==> flow/design.v <==
module mag_cmp_n #(
   parameter W = 8
) (
   input logic sys_clk,
   input logic nrst,
   input logic signed [W-1:0] da_in,
   input logic signed [W-1:0] db_in,
   output logic lt_out,
   output logic a_eq_b_out,
   output logic is_gt_out
);
   logic signed [W-1:0] da_reg;
   logic signed [W-1:0] db_reg;
   always_ff @(posedge sys_clk or negedge nrst) begin
      if (!nrst) begin
         da_reg <= '0;
         db_reg <= '0;
         lt_out <= 1'b0;
         a_eq_b_out <= 1'b0;
         is_gt_out <= 1'b0;
      end else begin
         da_reg <= da_in;
         db_reg <= db_in;
         lt_out <= (da_reg < db_reg);
         a_eq_b_out <= (da_reg == db_reg);
         is_gt_out <= (da_reg > db_reg);
      end
   end
endmodule
# == From RTL to reports: mag_cmp_n ==
# The steps from the RTL of mag_cmp_n to its reports follow in flow order.
# Line numbers count from 1 in the design file above.
# Cell names lack the library's common part.
# Not given: -
# setup
top,mag_cmp_n
clk_port,sys_clk
lib,sky130hd
corner,tt_025C_1v80

# == Elaborated design ==
# Source: Yosys, flattened and elaborated, memories not mapped. Widths are those after wreduce; folded enables and synchronous resets count as part of the registers. Registers that Yosys merges into a memory's read port (data or address) are not register bits. Print and check cells do not count. Equal cells are merged and count once.
# op_classes
shift,0
div_mod_pow,0
n_reduce_logical,0
logic,0
cmp,2
n_eq,1
multipliers,0
muxes,0
addsub,0
# op_table
operator,count
greater-than comparator 8 bit,1
< comparator 8 bit,1
== test 8 bit,1
# bits
input_bits,18
output_inout_bits,3
wordCells,8
mem_bits_ro,0
memories,0
latch_bits,0
clocked_rd_ports_x_width,0
regBits,19
ram_bits,0

# == Longest topological paths ==
# Yosys ltp: most cells in a row. Word level: on the elaborated netlist, between registers, memories and ports. Mapped: between sequential cells and ports; inverters and the memories' decode and read muxes count.
# logic_depth
word_depth,1
abc_area,0
ltp_mapped,6
ltp_nobuf,6

# == Mapped cells and area ==
# Yosys stat after the flow's synthesis: flattened, memories mapped to cells. It holds for the ABC_AREA given above (unset counts as 0); a run with the other value may have another netlist.
# types
cell,count,area_total_um2
dfrtp_1,19,475.456
ha_1,8,100.096
inv_1,10,37.536
mux2i_1,2,20.019
a211oi_2,1,12.512
nor2b_1,2,12.512
and4_4,1,11.261
o2111a_1,1,11.261
a21o_1,1,7.507
nand2_1,2,7.507
and2_1,1,6.256
nand4_1,1,6.256
a21oi_1,1,5.005
o21ai_0,1,5.005
# mapped
mapped_cells,51
ff_cells,19
synth_area_um2,718.2
seqArea_um2,475.5

# == Path before layout ==
# Path of least setup slack by OpenSTA after synthesis, without wires, with an ideal clock, recovery checks aside; 20% of the period is set as input and as output delay. Where synthesis merged equal registers, the netlist keeps one of their names.
# synth_timing
path_type,reg2reg
from,register da_reg[7]
to,register is_gt_out
period_ps,1910
setup_ps,79
path_slack_ps,378
t_required_ps,1831
arrival_ps,1452
delay_ps,1531
path_stages,6
period_less_setup_slack_ps,1532
# "delay_ps" is the arrival time less input delay plus setup time.
# "path_stages" counts driving pins, that of a launching flip-flop among them; a cell with two outputs on the path counts twice.
# "period_less_setup_slack_ps" is the clock period less the worst setup slack; recovery checks do not enter. This is arithmetic on one report: input and output delays are still those of the set period (20% each).
# The rows between start and end are the longest chain of elaborated cells between them; the timing report does not say that the signal goes this way. Where chains are equally long, one stands for them.
# A line is the first line of the expression or statement that the cell stems from. Yosys adds cells for indexed reads and writes and turns some case tables into memories.
# synth_between
cell_sequence,dfrtp_1 -> ha_1 -> and4_4 -> o2111a_1 -> a211oi_2 -> mux2i_1
elab_chain_cells,1
cells_between,1
lines_between,1
cone_classes,1 x compare
# synth_lines
element,line_no,source
"start, declared",12,logic signed [W-1:0] da_reg;
"start, assigned",16,da_reg <= '0;
"start, assigned",22,da_reg <= da_in;
greater-than comparator 8 bit,26,is_gt_out <= (da_reg > db_reg);
"end, assigned",20,is_gt_out <= 1'b0;
"end, assigned",26,
"end, declared",10,output logic is_gt_out

# == Timing after layout ==
# Path of least setup slack in the final report of run A (OpenROAD, finished layout, wires in). Where an end is a register, its clock arrival counts in the times.
# The path's times are printed in steps of 10 ps; the period is the one set.
# layout_timing
path_type,reg2reg
from,register da_reg[4]
to,register is_gt_out
arrival_ps,1750
path_stages,6
period_ps,1130
setup_ps,70
t_required_ps,1350
path_slack_ps,-400
# The rows between start and end are the longest chain of elaborated cells between them; the timing report does not say that the signal goes this way. Where chains are equally long, one stands for them.
# layout_between
cell_sequence,dfrtp_1 -> ha_1 -> and4_4 -> o2111a_1 -> a211oi_2 -> mux2i_1
elab_chain_cells,1
cells_between,1
lines_between,1
cone_classes,1 x compare
# layout_lines
element,line_no,source
"start, declared",12,logic signed [W-1:0] da_reg;
"start, assigned",16,da_reg <= '0;
"start, assigned",22,da_reg <= da_in;
greater-than comparator 8 bit,26,is_gt_out <= (da_reg > db_reg);
"end, assigned",20,is_gt_out <= 1'b0;
"end, assigned",26,
"end, declared",10,output logic is_gt_out

# Measured data: module mag_cmp_n, platform sky130hd, 3 stored runs of the flow under differing settings, order arbitrary. Input and output delays are each 20% of the period that was set; the output load is 0.01 pF.
# By "achieved_period_ps" is meant the clock period of the run minus its worst setup slack. This is arithmetic on one report: input and output delays are still those of the set period (20% each).
# "worstPathTime_ps" means the part of the period allowed to the worst setup path (the constraints hold back 20% at inputs and 20% at outputs) less its slack; where the path has registers, the arrival times of their clocks count too.
# "final_power_uw" is the tool's figure for a default switching activity; nothing was simulated.
# "worstPathTime_ps" is known to 10 ps.
# A setting shown as n/a is not set for that run.
# Results: n/a = not shown.
run name,period_ns,CORE_UTILIZATION,SETUP_SLACK_MARGIN,PLACE_DENSITY_LB_ADDON,CORE_ASPECT_RATIO,CORE_MARGIN,CELL_PAD_IN_SITES_DETAIL_PLACEMENT,ABC_AREA,GPL_TIMING_DRIVEN,CAP_MARGIN,SLEW_MARGIN,MIN_ROUTING_LAYER,GPL_ROUTABILITY_DRIVEN,CTS_CLUSTER_SIZE,MAX_ROUTING_LAYER,synth_area_um2,finalCellArea_um2,die_footprint_um2,achieved_period_ps,final_setup_ws_ps,fin_tns_ps,worstPathTime_ps,critical_path_type,final_power_uw,final_util_frac
run A,1.13,29,0.32,0.0,1.08,7,0,0,1,15,20,met2,n/a,n/a,n/a,718.2,1014.7,4066.8,1531,-401,-962,1530,reg2reg,1241,0.437
run B,1.91,40,n/a,n/a,n/a,2,n/a,n/a,n/a,20,20,n/a,n/a,n/a,n/a,718.2,984.7,2150.6,1640,270,0,1640,reg2reg,728.8,0.577
run C,2.18,72,-0.21,0.14,n/a,2,n/a,n/a,n/a,20,15,met1,1,71,met4,n/a,n/a,n/a,n/a,n/a,n/a,n/a,n/a,n/a,n/a
# Run C: incomplete, placement halted on FLW-0024
